==> flow/design.v <==
module ex_add_core_stage #(
  parameter DATA_WIDTH = 16,
  parameter GUARD = 2
) (
  input  wire clk_i,
  input  wire [DATA_WIDTH-1:0] data,
  input  wire init,
  output wire [DATA_WIDTH+GUARD-1:0] sum
);
  reg [DATA_WIDTH-1:0] data_q;
  reg init_q;
  reg [DATA_WIDTH+GUARD-1:0] acc;
  always @(posedge clk_i) begin
    data_q <= data;
    init_q <= init;
    acc <= init_q ? 0 : acc + data_q;
  end
  assign sum = acc;
endmodule
-- Step by step through the tools: ex_add_core_stage
A sweep over "DATA_WIDTH": the same steps for each member of the family.
The RTL above is that of DATA_WIDTH 16; lines are counted from 1 in the file of the member named.
Library cell names are shortened.
Not given: --
- design top: ex_add_core_stage
- clock input: clk_i
- standard-cell library: sky130hd
- timing corner: tt_025C_1v80

-- Source of the members
New or changed lines of each further member against the RTL above, in its own file; lines it lacks are not shown.
- new or changed lines (DATA_WIDTH ; line ; text):
    20 ; 2 ; parameter DATA_WIDTH = 20,
    80 ; 2 ; parameter DATA_WIDTH = 80,
    96 ; 2 ; parameter DATA_WIDTH = 96,

-- Word-level counts
Counts by Yosys on the flattened word-level netlist (proc, flatten, opt, wreduce; memories kept). Register bits leave out memories and registers merged into their read ports (data or address); mux counts leave out enables and synchronous resets folded into registers. Print and check cells are left out. Cells with the same type and inputs are merged into one.
- storage and ports (DATA_WIDTH ; word-level cells ; bits of input ports ; register bits):
    16 ; 4 ; 18 ; 35
    20 ; 4 ; 22 ; 43
    80 ; 4 ; 82 ; 163
    96 ; 4 ; 98 ; 195
- cells by class (DATA_WIDTH ; add/subtract/negate cells):
    16 ; 1
    20 ; 1
    80 ; 1
    96 ; 1
- operator list (DATA_WIDTH ; kinds with counts):
    16 ; adder 18 x 16 -> 18 bit (1)
    20 ; adder 22 x 20 -> 22 bit (1)
    80 ; adder 82 x 80 -> 82 bit (1)
    96 ; adder 98 x 96 -> 98 bit (1)

-- Longest topological paths
Depth = most cells in a row (Yosys ltp): at word level without a register or memory, in the mapped netlist without a sequential cell, where the memories' decode and read muxes count.
- depth (DATA_WIDTH ; depth in word-level cells ; ABC_AREA ; mapped depth ; gate-level depth less buffers):
    16 ; 1 ; 0 ; 8 ; 8
    20 ; 1 ; 0 ; 10 ; 10
    80 ; 1 ; 0 ; 12 ; 12
    96 ; 1 ; 0 ; 13 ; 13

-- Synthesis result
The flow's flattened synthesis, as Yosys stat reports it; memories are mapped. The netlist is that of the ABC_AREA named above (0 if unset); the other value can give another one.
- cell types (DATA_WIDTH ; types with counts):
    16 ; dfxtp_1 (35); ha_1 (16); a21o_1 (10); a21oi_1 (10); nor2_1 (12); nor3_1 (9); nor2b_1 (7); o211ai_1 (5); xnor2_1 (4); mux2_1 (3); o21a_1 (4); nand2_1 (7); fa_1 (1); a31oi_1 (3); and3_1 (3); inv_1 (5); and3b_1 (2); and4_1 (2); [+27]
    20 ; dfxtp_1 (43); ha_1 (20); nor2_1 (24); a21oi_1 (14); xor2_1 (8); o21ai_0 (11); nand3_1 (9); nor3_1 (9); xnor2_1 (5); a21o_1 (5); nand2b_1 (5); nand2_1 (7); a31oi_1 (4); nor2b_1 (4); clkbuf_1 (6); inv_1 (6); nor3b_1 (3); fa_1 (1); [+39]
    80 ; dfxtp_1 (163); ha_1 (80); a21oi_1 (121); nor2_1 (155); nand2_1 (84); o21ai_0 (54); xnor2_1 (28); xor2_1 (27); o21bai_1 (29); a21o_1 (26); mux2_1 (16); nand4_1 (25); nor2b_1 (22); a31oi_1 (21); inv_1 (29); nand3_1 (17); nor3_1 (17); clkbuf_1 (20); [+124]
    96 ; dfxtp_1 (195); ha_1 (96); a21oi_1 (133); nor2_1 (153); a21o_1 (52); xnor2_1 (43); nand2_1 (94); o21ai_0 (70); xor2_1 (37); nand4_1 (40); o21bai_1 (31); clkbuf_1 (49); inv_1 (39); nor2b_1 (20); nor3_1 (23); o21a_1 (15); nand3_1 (22); a21boi_0 (11); [+157]
A list marked [+n] leaves out that many cells.
- mapped netlist (DATA_WIDTH ; chip area (Yosys) (mm^2) ; sequential area (mm^2) ; cells in the netlist ; flip-flops):
    16 ; 0.0016616 ; 0.0007007 ; 165 ; 35
    20 ; 0.0021008 ; 0.0008608 ; 223 ; 43
    80 ; 0.0088798 ; 0.0032631 ; 1058 ; 163
    96 ; 0.0107115 ; 0.0039037 ; 1280 ; 195

-- Timing after synthesis
OpenSTA on the mapped netlist: ideal clock, no wires. The path of least setup slack (recovery checks aside). Input and output delay are each 20% of the period. Register names are those of the netlist, which keeps one name where synthesis merged equal registers.
- timing path after synthesis (DATA_WIDTH ; path kind ; from ; to ; setup slack (ns) ; clock period (ns) ; delay of the path (ns) ; stages ; period reached after synthesis (ns)):
    16 ; reg2reg ; register acc[0] ; register acc[16] ; 0.531 ; 2.68 ; 2.148 ; 9 ; 2.149
    20 ; reg2reg ; register acc[0] ; register acc[20] ; 0.547 ; 2.75 ; 2.202 ; 11 ; 2.203
    80 ; reg2reg ; register acc[0] ; register acc[80] ; 0.695 ; 3.47 ; 2.775 ; 13 ; 2.775
    96 ; reg2reg ; register acc[0] ; register acc[86] ; 0.765 ; 3.81 ; 3.045 ; 14 ; 3.045
"delay of the path" = arrival - input delay + setup time.
"stages" counts driving pins, that of a launching flip-flop among them; a cell with two outputs on the path counts twice.
"period reached after synthesis" is the clock period less the worst setup slack; recovery checks do not enter. This is arithmetic on one report: input and output delays are still those of the set period (20% each).
Between the ends stands the longest chain of elaborated cells between them, by number of cells; it is not shown to be the way that was timed. Of several equally long chains one is given.
Each line given opens the expression or statement behind the cell; cells for indexed reads and writes are added by Yosys, which also makes memories of some case tables.
Between the ends, after synthesis, DATA_WIDTH 16:
- cells in the longest elaborated chain at 1
- ends and longest elaborated chain, after synthesis, DATA_WIDTH 16 (element ; line ; text):
    start: declaration ; 12 ; reg [DATA_WIDTH+GUARD-1:0] acc;
    start: assignment ; 16 ; acc <= init_q ? 0 : acc + data_q;
    adder 18 x 16 -> 18 bit ; 16 ;
    end: assignment ; 16 ;
    end: declaration ; 12 ;
Between the ends, after synthesis, DATA_WIDTH 96:
- cells in the longest elaborated chain at 1
- ends and longest elaborated chain, after synthesis, DATA_WIDTH 96 (element ; line ; text):
    start: declaration ; 12 ; reg [DATA_WIDTH+GUARD-1:0] acc;
    start: assignment ; 16 ; acc <= init_q ? 0 : acc + data_q;
    adder 98 x 96 -> 98 bit ; 16 ;
    end: assignment ; 16 ;
    end: declaration ; 12 ;

-- Timing after layout
From the final timing report of the run of each member: the path of least setup slack in the routed layout; clock arrival at registers is part of the times.
- timing path post-layout (DATA_WIDTH ; path kind ; from ; to ; clock period (ns) ; buffers on the path ; arrival time (ns) ; setup slack (ns) ; stages):
    16 ; reg2reg ; register acc[0] ; register acc[16] ; 2.68 ; 0 ; 2.43 ; 0.43 ; 9
    20 ; reg2reg ; register acc[0] ; register acc[20] ; 2.75 ; 0 ; 2.52 ; 0.41 ; 11
    80 ; reg2reg ; register acc[0] ; register acc[46] ; 3.47 ; 0 ; 3.51 ; 0.27 ; 13
    96 ; reg2reg ; register acc[1] ; register acc[97] ; 3.81 ; 0 ; 4.04 ; 0.10 ; 12

-- Flow runs
Settings and results of one run of the flow (Yosys, OpenROAD) for each member follow. The constraints put input and output delay at 20% of the set period each and load the outputs with 0.01 pF.
- CAP_MARGIN: 20
- noted CORE_MARGIN: 2
- CORE_UTILIZATION: 40
- SLEW_MARGIN: 20
- settings that differ (DATA_WIDTH ; period_ns):
    16 ; 2.68
    20 ; 2.75
    80 ; 3.47
    96 ; 3.81
- results (DATA_WIDTH ; worst-case hold slack (ns) ; total die area (mm^2) ; reached clock period (ns) ; cell area after synthesis (mm^2) ; lowest setup slack (ns) ; standard-cell area of the final layout (mm^2) ; utilization after layout (%) ; total power after layout (mW) ; setup TNS (ns)):
    16 ; 0.554 ; 0.0046854 ; 2.253 ; 0.0016616 ; 0.427 ; 0.0022071 ; 55.2 ; 2.340 ; 0.000
    20 ; 0.517 ; 0.0058477 ; 2.339 ; 0.0021008 ; 0.411 ; 0.0026913 ; 53.0 ; 2.679 ; 0.000
    80 ; 0.552 ; 0.0234075 ; 3.198 ; 0.0088798 ; 0.272 ; 0.0113734 ; 52.1 ; 10.909 ; 0.000
    96 ; 0.571 ; 0.0281032 ; 3.709 ; 0.0107115 ; 0.101 ; 0.013508 ; 51.5 ; 11.601 ; 0.000
"reached clock period" means the clock period less the worst setup slack. The figure is calculated, with input and output delays left at 20% of the set period.
"total power after layout": no workload was simulated; the value follows from the tool's default switching activity.
